==> flow/design.v <==
module cpu_sel_unit_mod #(
    parameter NBITS = 10
) (
    input wire aclk,
    input wire rst_ni,
    input wire [NBITS-1:0] i_src0,
    input wire [NBITS-1:0] i_src1,
    input wire [NBITS-1:0] i_src2,
    input wire [NBITS-1:0] i_src3,
    input wire [NBITS-1:0] i_src4,
    input wire [3:0] i_s,
    output reg [NBITS-1:0] o_o
);
    reg [NBITS-1:0] work;
    always @(*) begin
        casez (i_s)
            4'b???1: work = i_src0;
            4'b??10: work = i_src1;
            4'b?100: work = i_src2;
            4'b1000: work = i_src3;
            default: work = i_src4;
        endcase
    end
    always @(posedge aclk or negedge rst_ni) begin
        if (!rst_ni) begin
            o_o <= 0;
        end else begin
            o_o <= work;
        end
    end
endmodule
; ---- From RTL to reports: cpu_sel_unit_mod
; What the tools print for cpu_sel_unit_mod, step after step.
; Lines are those of the file above, counted from 1.
; Operators: Yosys type, input widths -> output width; for muxes data width and select width s.
; Library cell names are shortened.
; Not given: n/a
[inputs]
design = cpu_sel_unit_mod
clk_port = aclk
lib = sky130hd
lib_corner = tt_025C_1v80

; ---- Word level
; Counts by Yosys on the flattened word-level netlist (proc, flatten, opt, wreduce; memories kept). Register bits leave out memories and registers merged into their read ports (data or address); mux counts leave out enables and synchronous resets folded into registers. Print and check cells are left out. Cells with the same type and inputs are merged into one.
[classes]
equal = 3
muxes = 1
[op_table]
columns = operator, n
row1 = $pmux 10 s4, 1
row2 = $eq 4x4->1 const B, 1
row3 = $eq 3x3->1 const B, 1
row4 = $eq 2x2->1 const B, 1
[word_totals]
ff_bits = 10
word_cells = 5

; ---- Depth
; Yosys ltp: most cells in a row. Word level: on the elaborated netlist, between registers, memories and ports. Mapped: between sequential cells and ports; inverters and the memories' decode and read muxes count.
[logic_depth]
ltp_word = 2
ABC_AREA = 0
mapped_depth = 4
ltp_nobuf = 3

; ---- Mapped cells and area
; The flow's flattened synthesis, as Yosys stat reports it; memories are mapped. The netlist is that of the ABC_AREA named above (0 if unset); the other value can give another one.
; Totals and module areas in this step are rounded.
[mapped]
stdcells = 89
yosys_area_um2 = 720
ff_cells = 10
n_buf = 7
[by_type]
columns = cell, n, type_area_um2
row1 = dfrtp_1, 10, 250.24
row2 = a22o_1, 10, 87.584
row3 = nand3b_1, 10, 75.072
row4 = a31oi_1, 9, 56.304
row5 = a21oi_1, 10, 50.048
row6 = inv_1, 10, 37.536
row7 = nand2_1, 10, 37.536
row8 = nor2_1, 9, 33.782
row9 = nor4b_4, 1, 23.773
row10 = buf_2, 4, 20.019
row11 = a31oi_2, 1, 12.512
row12 = buf_6, 1, 11.261
row13 = or4_4, 1, 11.261
row14 = clkbuf_1, 2, 7.507
row15 = nor2_2, 1, 6.256

; ---- Worst setup path after synthesis
; Source: OpenSTA report_checks on the synthesized netlist (no wires, ideal clock, input and output delay 20% of the period each), path of least setup slack; recovery checks are left aside. Register names are those of the netlist, which keeps one name where synthesis merged equal registers.
[synth_path]
path_type = in2reg
start = input i_s[2]
end = register o_o[3]
tclk_ps = 1490
in_delay_ps = 298
setup_time_ps = 127
launch_ps = 298
arrival_ps = 1123
required_ps = 1363
setup_slack_ps = 239
delay_ps = 952
driving_pins = 4
n_path_buf = 1
synth_period_reached_ps = 1251
; "delay_ps" is the arrival time less input delay plus setup time.
; "driving_pins" counts driving pins, that of a launching flip-flop among them; a cell with two outputs on the path counts twice.
; "synth_period_reached_ps" = period - worst setup slack (recovery checks aside). The figure is calculated, with input and output delays left at 20% of the set period.
; The rows between start and end are the longest chain of elaborated cells between them; the timing report does not say that the signal goes this way. Where chains are equally long, one stands for them.
; Each line given opens the expression or statement behind the cell; cells for indexed reads and writes are added by Yosys, which also makes memories of some case tables.
[synth_via]
path_cell_list = or4_4 buf_2 nor2_2 a31oi_2
elab_chain_cells = 2
cells_between = 3
lines_between = 1
classes_between = eq/ne: 2; mux: 1
[synth_lines]
columns = element, line
row1 = from (decl), 11  ; input wire [3:0] i_s,
row2 = $eq 4x4->1, 16  ; casez (i_s)
row3 = $pmux 10 s4, 16
row4 = to (assign), 26  ; o_o <= 0;
row5 = to (assign), 28  ; o_o <= work;
row6 = to (decl), 12  ; output reg [NBITS-1:0] o_o

; ---- Timing after layout
; Path of least setup slack in the final report of stored run 3 (OpenROAD, finished layout, wires in). Where an end is a register, its clock arrival counts in the times.
; The report prints the path's times to 10 ps; the period is as set.
[layout_path]
path_type = in2reg
start = input i_s[3]
end = register o_o[1]
tclk_ps = 1490
in_delay_ps = 300
setup_time_ps = 120
launch_ps = 300
arrival_ps = 1600
required_ps = 1620
setup_slack_ps = 20
driving_pins = 4
n_path_buf = 1
; The rows between start and end are the longest chain of elaborated cells between them; the timing report does not say that the signal goes this way. Where chains are equally long, one stands for them.
[layout_via]
path_cell_list = clkdlybuf4s50_1 or4_4 nor2_1 a31oi_1
elab_chain_cells = 2
cells_between = 2
lines_between = 1
classes_between = eq/ne: 1; mux: 1
[layout_lines]
columns = element, line
row1 = from (decl), 11  ; input wire [3:0] i_s,
row2 = $eq 4x4->1, 16  ; casez (i_s)
row3 = $pmux 10 s4, 16
row4 = to (assign), 26  ; o_o <= 0;
row5 = to (assign), 28  ; o_o <= work;
row6 = to (decl), 12  ; output reg [NBITS-1:0] o_o

; Stored flow runs of cpu_sel_unit_mod (3 of them; Yosys, OpenROAD, sky130hd). They differ in their settings and are not a sequence. Constraints: input delay and output delay 20% of the set period each, output load 0.01 pF.
; "timing.achieved_period_ps" is the run's clock period less its worst setup slack. It is reckoned from that one timing run; input and output delays stay at 20% of the period that was set.
; "worst_path_allowed_less_slack_ps": the worst setup path's part of the clock period (all of it between registers, 20% less for each end at a port) less its slack. A launch clock that arrives late makes it longer, a capture clock that arrives late makes it shorter.
; "power.total_mw" rests on the timing tool's default activity at the inputs, not on a simulated workload.
; "worst_path_allowed_less_slack_ps" is known to 10 ps.
; Results are given in rounded form.

[stored run 1: settings]
period_ns = 2.24
CORE_UTILIZATION = 60
TNS_END_PERCENT = 20
CTS_CLUSTER_DIAMETER = 155
MIN_ROUTING_LAYER = met2
CAP_MARGIN = 20
CORE_MARGIN = 2
SLEW_MARGIN = 20
[stored run 1: results]
outcome = incomplete, placement halted on GPL-0301

[stored run 2: settings]
period_ns = 1.86
CORE_UTILIZATION = 58
SETUP_SLACK_MARGIN = 0.02
PLACE_DENSITY_LB_ADDON = 0.21
CORE_MARGIN = 10
CELL_PAD_IN_SITES_GLOBAL_PLACEMENT = 1
TNS_END_PERCENT = 45
ABC_AREA = 0
GPL_TIMING_DRIVEN = 0
CAP_MARGIN = 20
SLEW_MARGIN = 40
MAX_ROUTING_LAYER = met4
[stored run 2: results]
outcome = incomplete, placement halted on FLW-0024

[stored run 3: settings]
period_ns = 1.49
CAP_MARGIN = 20
CORE_MARGIN = 2
CORE_UTILIZATION = 40
SLEW_MARGIN = 20
[stored run 3: results]
synth_area_um2 = 720
die_area_um2 = 2200
final_cell_area_um2 = 1500
layout_utilization_pct = 87
fin_ws_ps = 22
tns_ps = 0
power.total_mw = 0.84
timing.achieved_period_ps = 1468
worst_path_allowed_less_slack_ps = 1170
worst_path_kind = in2reg
